==> flow/design.v <==
module dp_arith_add_mod #(
  parameter integer WD = 7
) (
  input wire aclk,
  input wire srst,
  input wire [WD-1:0] in0,
  input wire [WD-1:0] in1,
  input wire carry_in,
  output wire [WD-1:0] o,
  output wire carry_out
);
  wire [WD:0] r = in0 + in1 + carry_in;
  reg [WD-1:0] o_d1;
  always @(posedge aclk) begin
    if (srst) begin
      o_d1 <= 0;
    end else begin
      o_d1 <= r[WD-1:0];
    end
  end
  assign o = o_d1;
  reg carry_out_d1;
  always @(posedge aclk) begin
    if (srst) begin
      carry_out_d1 <= 1'b0;
    end else begin
      carry_out_d1 <= r[WD];
    end
  end
  assign carry_out = carry_out_d1;
endmodule
; ---- Reports on dp_arith_add_mod
; Module dp_arith_add_mod in several versions that differ in "WD"; each step lists the members.
; The file above is the member WD = 7. Line numbers count from 1 in each member's own file.
; Operators: Yosys type, input widths -> output width; for muxes data width and select width s.
; Cell names lack the library's common part.
; The mark - stands for no value.
[design]
top = dp_arith_add_mod
clock_port = aclk
library = sky130hd
lib_corner = tt_025C_1v80

; ---- Members of the sweep
; New or changed lines of each further member against the RTL above, in its own file; lines it lacks are not shown.
[src_changes]
columns = WD, line_no
row1 = 32, 2  ; parameter integer WD = 32
row2 = 36, 2  ; parameter integer WD = 36
row3 = 40, 2  ; parameter integer WD = 40
row4 = 128, 2  ; parameter integer WD = 128

; ---- After elaboration
; Yosys after proc, flatten, opt, wreduce and memory -nomap, before mapping. Enables and synchronous resets that opt folds into registers are not counted as muxes. Memory bits, and registers merged into a memory's read port (data or address), are not among the register bits. Print and check cells are not counted. Equal cells are merged and count once.
[word_totals]
columns = WD, ff_bits, latchBits, ram_bits, mem_bits_ro, clocked_rd_ports_x_width, n_memories, inputBits, output_inout_bits, word_cells
row1 = 7, 8, 0, 0, 0, 0, 0, 17, 8, 4
row2 = 32, 33, 0, 0, 0, 0, 0, 67, 33, 4
row3 = 36, 37, 0, 0, 0, 0, 0, 75, 37, 4
row4 = 40, 41, 0, 0, 0, 0, 0, 83, 41, 4
row5 = 128, 129, 0, 0, 0, 0, 0, 259, 129, 4
[op_classes]
columns = WD, addsub, n_mul, div, cmp, eq_ne, shifts, n_mux, bitwise, reduce_logical
row1 = 7, 2, 0, 0, 0, 0, 0, 0, 0, 0
row2 = 32, 2, 0, 0, 0, 0, 0, 0, 0, 0
row3 = 36, 2, 0, 0, 0, 0, 0, 0, 0, 0
row4 = 40, 2, 0, 0, 0, 0, 0, 0, 0, 0
row5 = 128, 2, 0, 0, 0, 0, 0, 0, 0, 0
[op_table]
columns = WD, op_list
row1 = 7, $add 7x7->8: 1; $add 8x1->8: 1
row2 = 32, $add 32x32->33: 1; $add 33x1->33: 1
row3 = 36, $add 36x36->37: 1; $add 37x1->37: 1
row4 = 40, $add 40x40->41: 1; $add 41x1->41: 1
row5 = 128, $add 128x128->129: 1; $add 129x1->129: 1

; ---- Longest topological paths
; Yosys ltp: most cells in a row. Word level: on the elaborated netlist, between registers, memories and ports. Mapped: between sequential cells and ports; inverters and the memories' decode and read muxes count.
[depth]
columns = WD, depth_word, abc_area, mapped_depth, ltp_nobuf
row1 = 7, 2, 0, 7, 7
row2 = 32, 2, 0, 9, 9
row3 = 36, 2, 0, 10, 10
row4 = 40, 2, 0, 9, 9
row5 = 128, 2, 0, 12, 12

; ---- Synthesis result
; Source: synth_stat.txt of the flow (Yosys; design flattened, memories mapped). It holds for the ABC_AREA given above (unset counts as 0); a run with the other value may have another netlist.
; The area totals of this step are shown rounded.
[by_type]
columns = WD, cell_types
row1 = 7, dfxtp_1: 8; ha_1: 6; fa_1: 2; a211oi_1: 4; o21ai_0: 5; nor2_1: 6; o31a_1: 2; nor3_1: 3; o21a_1: 2; nor2b_4: 1; inv_1: 3; a221oi_1: 1; or3b_2: 1; a21o_1: 1; and2b_1: 1; nor3b_1: 1; or4_1: 1; nand2b_1: 1; [+3]
row2 = 32, dfxtp_1: 33; ha_1: 31; nor2_1: 52; a21oi_1: 27; xor2_1: 12; xnor2_1: 11; o21ai_0: 19; nand2_1: 22; a21o_1: 9; nor2b_1: 10; a31oi_1: 9; mux2_2: 4; fa_1: 2; nand3_1: 8; a211oi_1: 5; clkbuf_1: 10; o211ai_1: 5; o21bai_1: 5; [+52]
row3 = 36, dfxtp_1: 37; ha_1: 35; nor2_1: 54; a21o_1: 25; a21oi_1: 34; xnor2_1: 14; xor2_1: 13; nand2_1: 24; o21ai_0: 15; and3_1: 8; clkbuf_1: 12; nor3_1: 9; a31oi_1: 7; nand4_1: 7; fa_1: 2; nor2b_1: 6; o21bai_1: 5; nand3_1: 6; [+46]
row4 = 40, dfxtp_1: 41; ha_1: 39; a21oi_1: 50; nor2_1: 51; xnor2_1: 14; nand2_1: 31; nor2b_1: 17; xor2_1: 11; o21ai_0: 19; a21o_1: 12; a2111oi_4: 3; nand4_1: 12; mux2_1: 6; o211ai_1: 9; nand3_1: 13; o21bai_1: 8; o21ai_1: 11; o21a_1: 7; [+92]
row5 = 128, dfxtp_1: 129; ha_1: 127; a21oi_1: 217; nor2_1: 241; o21ai_0: 126; nand2_1: 166; xnor2_1: 56; a21o_1: 59; nand4_1: 63; xor2_1: 45; o21bai_1: 30; nor3_1: 43; clkbuf_1: 47; o21a_1: 21; nor2b_1: 20; inv_1: 31; nand3_1: 21; mux2_2: 9; [+213]
; The mark [+n] counts cells that are not listed.
[mapped]
columns = WD, stdcells, synth_area_um2, seqArea_um2, ff_cells, n_buf
row1 = 7, 52, 494.2, 160.2, 8, 1
row2 = 32, 326, 2579, 660.6, 33, 11
row3 = 36, 359, 2894, 740.7, 37, 12
row4 = 40, 446, 3568, 820.8, 41, 22
row5 = 128, 1664, 11990, 2582, 129, 67

; ---- Timing after synthesis
; Source: OpenSTA report_checks on the synthesized netlist (no wires, ideal clock, input and output delay 20% of the period each), path of least setup slack; recovery checks are left aside. Register names are those of the netlist, which keeps one name where synthesis merged equal registers.
[synth_path]
columns = WD, kind, from, to, clock_period_ns, path_slack_ns, stages, path_delay_ns, period_less_setup_slack_ns
row1 = 7, in2reg, input in0[0], register o_d1[6], 2.54, 0.408, 7, 1.625, 2.132
row2 = 32, in2reg, input in0[0], register o_d1[26], 4.03, 0.646, 9, 2.578, 3.384
row3 = 36, in2reg, input in0[0], register carry_out_d1, 4.02, 0.642, 10, 2.574, 3.378
row4 = 40, in2reg, input in0[0], register o_d1[34], 3.82, 0.608, 9, 2.447, 3.212
row5 = 128, in2reg, input in0[0], register o_d1[74], 4.96, 0.794, 12, 3.174, 4.166
; "path_delay_ns" is the arrival time less input delay plus setup time.
; "stages" counts driving pins, that of a launching flip-flop among them; a cell with two outputs on the path counts twice.
; "period_less_setup_slack_ns" is the clock period less the worst setup slack; recovery checks do not enter. This is arithmetic on one report: input and output delays are still those of the set period (20% each).
; Between the ends stands the longest chain of elaborated cells between them, by number of cells; it is not shown to be the way that was timed. Of several equally long chains one is given.
; A line is the first line of the expression or statement that the cell stems from. Yosys adds cells for indexed reads and writes and turns some case tables into memories.
[synth_via_WD_7]
elab_chain_cells = 2
[synth_lines_WD_7]
columns = item, line_no
row1 = start: declaration, 6  ; input wire [WD-1:0] in0,
row2 = $add 7x7->8, 12  ; wire [WD:0] r = in0 + in1 + carry_in;
row3 = $add 8x1->8, 12
row4 = end: assignment, 16  ; o_d1 <= 0;
row5 = end: assignment, 18  ; o_d1 <= r[WD-1:0];
row6 = end: declaration, 13  ; reg [WD-1:0] o_d1;
[synth_via_WD_128]
elab_chain_cells = 2
[synth_lines_WD_128]
columns = item, line_no
row1 = start: declaration, 6  ; input wire [WD-1:0] in0,
row2 = $add 128x128->129, 12  ; wire [WD:0] r = in0 + in1 + carry_in;
row3 = $add 129x1->129, 12
row4 = end: assignment, 16  ; o_d1 <= 0;
row5 = end: assignment, 18  ; o_d1 <= r[WD-1:0];
row6 = end: declaration, 13  ; reg [WD-1:0] o_d1;

; ---- Timing after layout
; Path of least setup slack in the final report of each member's run (OpenROAD, finished layout, wires in). Where an end is a register, its clock arrival counts in the times.
[layout_path]
columns = WD, kind, from, to, clock_period_ns, path_slack_ns, stages, t_arrival_ns, n_path_buf
row1 = 7, in2reg, input in0[0], register o_d1[6], 2.54, 0.16, 8, 2.56, 1
row2 = 32, in2reg, input in0[0], register o_d1[26], 4.03, 0.38, 10, 3.83, 1
row3 = 36, in2reg, input in0[0], register carry_out_d1, 4.02, 0.21, 11, 3.95, 1
row4 = 40, in2reg, input in0[0], register o_d1[34], 3.82, 0.24, 10, 3.77, 1
row5 = 128, in2reg, input in0[12], register o_d1[119], 4.96, 0.43, 12, 4.85, 1

; ---- Measured runs
; Settings and results of one run of the flow (Yosys, OpenROAD) for each member follow. The constraints put input and output delay at 20% of the set period each and load the outputs with 0.01 pF.
[settings]
CAP_MARGIN = 20
CORE_MARGIN = 2
CORE_UTILIZATION = 40
SLEW_MARGIN = 20
[settings_by_member]
columns = WD, period_ns
row1 = 7, 2.54
row2 = 32, 4.03
row3 = 36, 4.02
row4 = 40, 3.82
row5 = 128, 4.96
[results]
columns = WD, synthArea_um2, total_die_area_um2, layout_stdcell_area_um2, util_frac, worst_setup_slack_ns, fin_tns_ns, holdWs_ns, power_total_uw, achieved_clock_period_ns
row1 = 7, 494.2, 1533, 785.8, 0.698, 0.163, 0.000, 1.015, 369.2, 2.377
row2 = 32, 2579, 7105, 3754, 0.598, 0.381, 0.000, 1.296, 1217, 3.649
row3 = 36, 2894, 7932, 4240, 0.594, 0.209, 0.000, 1.312, 1404, 3.811
row4 = 40, 3568, 9692, 4940, 0.569, 0.238, 0.000, 1.100, 1519, 3.582
row5 = 128, 11990, 31380, 16880, 0.571, 0.428, 0.000, 1.174, 4629, 4.532
; "achieved_clock_period_ns" means the clock period less the worst setup slack. The figure is calculated, with input and output delays left at 20% of the set period.
; "power_total_uw": no workload was simulated; the value follows from the tool's default switching activity.
; Measured values are rounded.
